==> flow/design.v <==
module u_mux_stage #(
    parameter W = 32,
    parameter NIN = 5,
    parameter SEL_WIDTH = $clog2(NIN)
) (
    input logic ck,
    input logic [NIN*W-1:0] din,
    input logic [SEL_WIDTH-1:0] select,
    output logic [W-1:0] q
);
    logic [NIN*W-1:0] r_din;
    logic [SEL_WIDTH-1:0] r_select;
    logic [NIN*W-1:0] t;
    assign t = r_din >> (r_select * W);
    assign q = t[W-1:0];
    always_ff @(posedge ck) begin
        r_din <= din;
        r_select <= select;
    end
endmodule
# Reports on u_mux_stage
# The steps from the RTL of u_mux_stage to its reports follow in flow order.
# Line numbers count from 1 in the design file above.
# Library cell names are shortened.
# Not given: -
# setup
top_module	u_mux_stage
clock_port	ck
cell_library	sky130hd
corner	tt_025C_1v80

# After elaboration
# Yosys after proc, flatten, opt, wreduce and memory -nomap, before mapping. Enables and synchronous resets that opt folds into registers are not counted as muxes. Memory bits, and registers merged into a memory's read port (data or address), are not among the register bits. Print and check cells are not counted. Equal cells are merged and count once.
# word_totals
ff_bits	163
input_bits	164
out_inout_bits	32
word_cells	3
# op_classes
shift	1
# ops
op	n
>> shifter 160 x 8 -> 32 bit	1

# Logic depth
# Depth = most cells in a row (Yosys ltp): at word level without a register or memory, in the mapped netlist without a sequential cell, where the memories' decode and read muxes count.
# depth
depth_word	1
abc_area	0
depth_mapped	5

# Mapped cells and area
# Source: synth_stat.txt of the flow (Yosys; design flattened, memories mapped). It holds for the ABC_AREA given above (unset counts as 0); a run with the other value may have another netlist.
# synth_totals
mapped_cells	313
synth_area_um2	4673.2
ffs	163
# by_type
cell_type	n
dfxtp_1	163
mux2_4	29
mux2i_1	31
a221o_1	30
nor2_1	31
buf_12	3
buf_2	10
mux2_2	4
buf_4	3
nor3b_2	1
buf_6	1
a22o_1	1
a21o_1	1
a22oi_1	1
nand2b_1	1
nor2b_1	1
nor3_1	1
o21ai_1	1

# Worst setup path after synthesis
# Source: OpenSTA report_checks on the synthesized netlist (no wires, ideal clock, input and output delay 20% of the period each), path of least setup slack; recovery checks are left aside. Register names are those of the netlist, which keeps one name where synthesis merged equal registers.
# synth_path
path_kind	reg2out
start	reg r_select[2]
end	out q[0]
clock_period_ns	1.89
output_delay_ns	0.378
t_first_pin_ns	0.000
t_arrival_ns	1.210
required_time_ns	1.512
slack_ns	0.302
path_delay_ns	1.210
stages	5
path_buffers	2
synth_period_reached_ns	1.588
# "path_delay_ns" is the arrival time less input delay plus setup time.
# At an output port there is no setup time.
# "stages": output pins that drive a net of the path, with the launching flip-flop's if there is one; two outputs of one cell count as two.
# "synth_period_reached_ns" is the clock period less the worst setup slack; recovery checks do not enter. This is arithmetic on one report: input and output delays are still those of the set period (20% each).
# Between the ends stands the longest chain of elaborated cells between them, by number of cells; it is not shown to be the way that was timed. Of several equally long chains one is given.
# A line is the first line of the expression or statement that the cell stems from. Yosys adds cells for indexed reads and writes and turns some case tables into memories.
# synth_via
cell_sequence	dfxtp_1 > buf_6 > buf_12 > mux2_4 > a221o_1
elab_chain_len	1
# synth_lines
element	line_no	rtl
from (decl)	12	logic [SEL_WIDTH-1:0] r_select;
from (assign)	18	r_select <= select;
>> shifter 160 x 8 -> 32 bit	14	assign t = r_din >> (r_select * W);
to (decl)	9	output logic [W-1:0] q

# Path in the finished layout
# From the final timing report of entry A: the path of least setup slack in the routed layout; clock arrival at registers is part of the times.
# layout_path
path_kind	reg2out
start	reg r_select[2]
end	out q[1]
clock_period_ns	2.31
output_delay_ns	0.46
t_first_pin_ns	0.41
t_arrival_ns	1.82
required_time_ns	1.85
slack_ns	0.02
stages	6
path_buffers	3
# Between the ends stands the longest chain of elaborated cells between them, by number of cells; it is not shown to be the way that was timed. Of several equally long chains one is given.
# layout_via
cell_sequence	dfxtp_4 > buf_12 > buf_12 > mux2_4 > a221o_1 > buf_2
elab_chain_len	1
# layout_lines
element	line_no	rtl
from (decl)	12	logic [SEL_WIDTH-1:0] r_select;
from (assign)	18	r_select <= select;
>> shifter 160 x 8 -> 32 bit	14	assign t = r_din >> (r_select * W);
to (decl)	9	output logic [W-1:0] q

Lab notebook: u_mux_stage

Module u_mux_stage, platform sky130hd: 3 stored runs of the flow (Yosys, OpenROAD) with differing settings, in no particular order. Input and output delays are each 20% of the period that was set; the output load is 0.01 pF.
By "design_power_uw" is meant OpenSTA's value without simulated activity: inputs other than the clock are taken to toggle once in ten clock periods, and the tool carries that through the logic.

Entry A, flow files:
==> flow/run.sh <==
#!/bin/bash
# the make line also repeats the synthesis and layout settings of config.mk as NAME=value (left out here)
make -C /OpenROAD-flow-scripts/flow DESIGN_CONFIG=/design/flow/config.mk WORK_HOME=/design/flow/orfs CLKGATE_MAP_FILE= finish
==> flow/config.mk <==
export PLATFORM = sky130hd
export DESIGN_NAME = u_mux_stage
export DESIGN_NICKNAME = u_mux_stage
export VERILOG_FILES = /design/flow/design.v
export SDC_FILE = /design/flow/constraint.sdc
export NUM_CORES = 4
export LEC_CHECK = 0
export CAP_MARGIN = 20
export CELL_PAD_IN_SITES_DETAIL_PLACEMENT = 0
export CORE_MARGIN = 2
export CORE_UTILIZATION = 27
export CTS_CLUSTER_DIAMETER = 169
export CTS_CLUSTER_SIZE = 28
export GPL_ROUTABILITY_DRIVEN = 0
export PLACE_DENSITY_LB_ADDON = 0.21
export SETUP_SLACK_MARGIN = 0.65
export SLEW_MARGIN = 20
export TNS_END_PERCENT = 25
==> flow/constraint.sdc <==
create_clock -name core_clock -period 2.31 [get_ports {ck}]
set_input_delay 0.4620 -clock core_clock [delete_from_list [all_inputs] [get_ports {ck}]]
set_output_delay 0.4620 -clock core_clock [all_outputs]
set_load 0.01 [all_outputs]

==> results of entry A, as CSV <==
result,value
final_hold_ws_ns,0.487
final_setup_ws_ns,0.023
total_die_area_um2,18376.5
setup_tns_ns,0.000
post_synth_area_um2,4673.2
utilization_frac,0.452
design_power_uw,6457

Entry B, flow files:
==> flow/run.sh <==
#!/bin/bash
# the make line also repeats the synthesis and layout settings of config.mk as NAME=value (left out here)
make -C /OpenROAD-flow-scripts/flow DESIGN_CONFIG=/design/flow/config.mk WORK_HOME=/design/flow/orfs CLKGATE_MAP_FILE= finish
==> flow/config.mk <==
export PLATFORM = sky130hd
export DESIGN_NAME = u_mux_stage
export DESIGN_NICKNAME = u_mux_stage
export VERILOG_FILES = /design/flow/design.v
export SDC_FILE = /design/flow/constraint.sdc
export NUM_CORES = 4
export LEC_CHECK = 0
export CAP_MARGIN = 20
export CORE_MARGIN = 2
export CORE_UTILIZATION = 40
export SLEW_MARGIN = 20
==> flow/constraint.sdc <==
create_clock -name core_clock -period 1.89 [get_ports {ck}]
set_input_delay 0.3780 -clock core_clock [delete_from_list [all_inputs] [get_ports {ck}]]
set_output_delay 0.3780 -clock core_clock [all_outputs]
set_load 0.01 [all_outputs]

==> results of entry B, as CSV <==
result,value
setup_tns_ns,-7.960
total_die_area_um2,12564.2
design_power_uw,8048
post_synth_area_um2,4673.2
final_setup_ws_ns,-0.332
utilization_frac,0.674
final_hold_ws_ns,0.406

Entry C, flow files:
==> flow/run.sh <==
#!/bin/bash
# the make line also repeats the synthesis and layout settings of config.mk as NAME=value (left out here)
make -C /OpenROAD-flow-scripts/flow DESIGN_CONFIG=/design/flow/config.mk WORK_HOME=/design/flow/orfs CLKGATE_MAP_FILE= finish
==> flow/config.mk <==
export PLATFORM = sky130hd
export DESIGN_NAME = u_mux_stage
export DESIGN_NICKNAME = u_mux_stage
export VERILOG_FILES = /design/flow/design.v
export SDC_FILE = /design/flow/constraint.sdc
export NUM_CORES = 4
export LEC_CHECK = 0
export ABC_AREA = 0
export CAP_MARGIN = 0
export CELL_PAD_IN_SITES_GLOBAL_PLACEMENT = 1
export CORE_ASPECT_RATIO = 1.23
export CORE_MARGIN = 2
export CORE_UTILIZATION = 52
export CTS_CLUSTER_DIAMETER = 370
export GPL_ROUTABILITY_DRIVEN = 0
export MIN_ROUTING_LAYER = met2
export SETUP_SLACK_MARGIN = 0.36
export SLEW_MARGIN = 20
export TNS_END_PERCENT = 65
==> flow/constraint.sdc <==
create_clock -name core_clock -period 1.59 [get_ports {ck}]
set_input_delay 0.3180 -clock core_clock [delete_from_list [all_inputs] [get_ports {ck}]]
set_output_delay 0.3180 -clock core_clock [all_outputs]
set_load 0.01 [all_outputs]

==> results of entry C, as CSV <==
result,value
total_die_area_um2,9765.9
utilization_frac,0.869
design_power_uw,9844
final_setup_ws_ns,-0.685
final_hold_ws_ns,0.223
post_synth_area_um2,4673.2
setup_tns_ns,-20.325
